==> flow/design.v <==
module sync_cmp_top #(
    parameter DATA_WIDTH = 10
) (
    input aclk,
    input [DATA_WIDTH-1:0] i_first,
    input [DATA_WIDTH-1:0] i_second,
    output reg o_equal
);
    reg [DATA_WIDTH-1:0] r_first;
    reg [DATA_WIDTH-1:0] r_second;
    reg [DATA_WIDTH-1:0] r_t;
    always @(posedge aclk) begin
        r_first <= i_first;
        r_second <= i_second;
        r_t <= r_first ^ r_second;
        o_equal <= (r_t == 0);
    end
endmodule
# ---- Step by step through the tools: sync_cmp_top
# Tool output for the members of one design family, told apart by "DATA_WIDTH", in the order of the flow.
# The file above is the member DATA_WIDTH=10. Line numbers count from 1 in each member's own file.
# Operators: Yosys type, input widths -> output width; for muxes data width and select width s.
# Cell names lack the library's common part.
# The mark n/a stands for no value.
dict set report inputs {
  design {sync_cmp_top}
  clock {aclk}
  lib {sky130hd}
  lib_corner {tt_025C_1v80}
}

# ---- Members of the sweep
# Lines of each other member's file that are new or changed against the file above; lines that a member lacks are not shown.
# DATA_WIDTH line
set changed_lines {}
lappend changed_lines {18 2} ;# parameter DATA_WIDTH = 18
lappend changed_lines {128 2} ;# parameter DATA_WIDTH = 128

# ---- Elaborated design
# Source: Yosys, flattened and elaborated, memories not mapped. Widths are those after wreduce; folded enables and synchronous resets count as part of the registers. Registers that Yosys merges into a memory's read port (data or address) are not register bits. Print and check cells do not count. Equal cells are merged and count once.
# DATA_WIDTH bitwise n_reduce_logical
set classes {}
lappend classes {10 1 1}
lappend classes {18 1 1}
lappend classes {128 1 1}
# DATA_WIDTH operators
set op_table {}
lappend op_table {10 {$xor 10x10->10 (1); $logic_not 10->1 (1)}}
lappend op_table {18 {$xor 18x18->18 (1); $logic_not 18->1 (1)}}
lappend op_table {128 {$xor 128x128->128 (1); $logic_not 128->1 (1)}}
# DATA_WIDTH register_bits input_bits out_inout_bits wordCells
set word_totals {}
lappend word_totals {10 31 21 1 6}
lappend word_totals {18 55 37 1 6}
lappend word_totals {128 385 257 1 6}

# ---- Logic depth
# Yosys ltp: most cells in a row. Word level: on the elaborated netlist, between registers, memories and ports. Mapped: between sequential cells and ports; inverters and the memories' decode and read muxes count.
# DATA_WIDTH depth_word abc_area depth_mapped ltp_nobuf
set logic_depth {}
lappend logic_depth {10 1 0 2 2}
lappend logic_depth {18 1 0 3 3}
lappend logic_depth {128 1 0 4 4}

# ---- Netlist
# The flow's flattened synthesis, as Yosys stat reports it; memories are mapped. The netlist is that of the ABC_AREA named above (0 if unset); the other value can give another one.
# The area totals of this step are shown rounded.
# DATA_WIDTH cells area_um2 seq_area_um2 ffs buffers
set synth_totals {}
lappend synth_totals {10 44 740 620 31 0}
lappend synth_totals {18 79 1300 1100 55 0}
lappend synth_totals {128 556 9100 7700 385 0}
# DATA_WIDTH type_list
set types {}
lappend types {10 {dfxtp_1 (31); xor2_1 (10); or4_1 (2); nor4_2 (1)}}
lappend types {18 {dfxtp_1 (55); xor2_1 (18); nor4_1 (3); nor4_2 (1); or4_1 (1); nand3_1 (1)}}
lappend types {128 {dfxtp_1 (385); xor2_1 (128); nor4_1 (31); nand4_1 (8); or4_1 (2); nor4_2 (1); nor2_1 (1)}}

# ---- Worst setup path after synthesis
# Source: OpenSTA report_checks on the synthesized netlist (no wires, ideal clock, input and output delay 20% of the period each), path of least setup slack; recovery checks are left aside. Register names are those of the netlist, which keeps one name where synthesis merged equal registers.
# DATA_WIDTH kind startpoint endpoint period_ns path_slack_ns driving_pins path_delay_ns synth_period_reached_ns
set synth_path {}
lappend synth_path {10 reg-to-reg {reg r_t[5]} {reg o_equal} 1.34 0.270 3 1.070 1.07}
lappend synth_path {18 reg-to-reg {reg r_t[3]} {reg o_equal} 1.34 0.270 3 1.070 1.07}
lappend synth_path {128 reg-to-reg {reg r_t[64]} {reg o_equal} 1.61 0.320 5 1.291 1.29}
# "path_delay_ns" is the arrival time less input delay plus setup time.
# "driving_pins" counts driving pins, that of a launching flip-flop among them; a cell with two outputs on the path counts twice.
# "synth_period_reached_ns" is the clock period less the worst setup slack; recovery checks do not enter. This is arithmetic on one report: input and output delays are still those of the set period (20% each).
# Between the ends stands the longest chain of elaborated cells between them, by number of cells; it is not shown to be the way that was timed. Of several equally long chains one is given.
# A line is the first line of the expression or statement that the cell stems from. Yosys adds cells for indexed reads and writes and turns some case tables into memories.
dict set report synth_between_DATA_WIDTH_10 {
  elab_chain_len 1
}
# element line
set synth_rtl_DATA_WIDTH_10 {}
lappend synth_rtl_DATA_WIDTH_10 {{start: declaration} 11} ;# reg [DATA_WIDTH-1:0] r_t;
lappend synth_rtl_DATA_WIDTH_10 {{start: assignment} 15} ;# r_t <= r_first ^ r_second;
lappend synth_rtl_DATA_WIDTH_10 {{$logic_not 10->1} 16} ;# o_equal <= (r_t == 0);
lappend synth_rtl_DATA_WIDTH_10 {{end: assignment} 16}
lappend synth_rtl_DATA_WIDTH_10 {{end: declaration} 7} ;# output reg o_equal
dict set report synth_between_DATA_WIDTH_128 {
  elab_chain_len 1
}
# element line
set synth_rtl_DATA_WIDTH_128 {}
lappend synth_rtl_DATA_WIDTH_128 {{start: declaration} 11} ;# reg [DATA_WIDTH-1:0] r_t;
lappend synth_rtl_DATA_WIDTH_128 {{start: assignment} 15} ;# r_t <= r_first ^ r_second;
lappend synth_rtl_DATA_WIDTH_128 {{$logic_not 128->1} 16} ;# o_equal <= (r_t == 0);
lappend synth_rtl_DATA_WIDTH_128 {{end: assignment} 16}
lappend synth_rtl_DATA_WIDTH_128 {{end: declaration} 7} ;# output reg o_equal

# ---- Worst path after layout
# Path of least setup slack in the final report of the run of each member (OpenROAD, finished layout, wires in). Where an end is a register, its clock arrival counts in the times.
# DATA_WIDTH kind startpoint endpoint period_ns path_slack_ns driving_pins arrival_ns path_buffers
set layout_path {}
lappend layout_path {10 reg-to-reg {reg r_t[5]} {reg o_equal} 1.34 0.18 3 1.39 0}
lappend layout_path {18 reg-to-output {reg o_equal} {out o_equal} 1.34 0.11 2 0.96 1}
lappend layout_path {128 reg-to-reg {reg r_t[76]} {reg o_equal} 1.61 0.07 5 1.99 0}

# ---- Flow runs
# Settings and results of one run of the flow (Yosys, OpenROAD) for each member follow. The constraints put input and output delay at 20% of the set period each and load the outputs with 0.01 pF.
dict set report settings {
  CAP_MARGIN 20
  CORE_MARGIN 2
  CORE_UTILIZATION 40
  SLEW_MARGIN 20
}
# DATA_WIDTH period_ns
set settings_by_member {}
lappend settings_by_member {10 1.34}
lappend settings_by_member {18 1.34}
lappend settings_by_member {128 1.61}
# DATA_WIDTH post_synth_area_um2 design.die.area_um2 final_cell_area_um2 worst_setup_slack_ns tns_ns
set results {}
lappend results {10 740 2200 1000 0.18 0.000}
lappend results {18 1300 3700 1800 0.11 0.000}
lappend results {128 9100 24000 13000 0.067 0.000}
# Measured values are rounded.
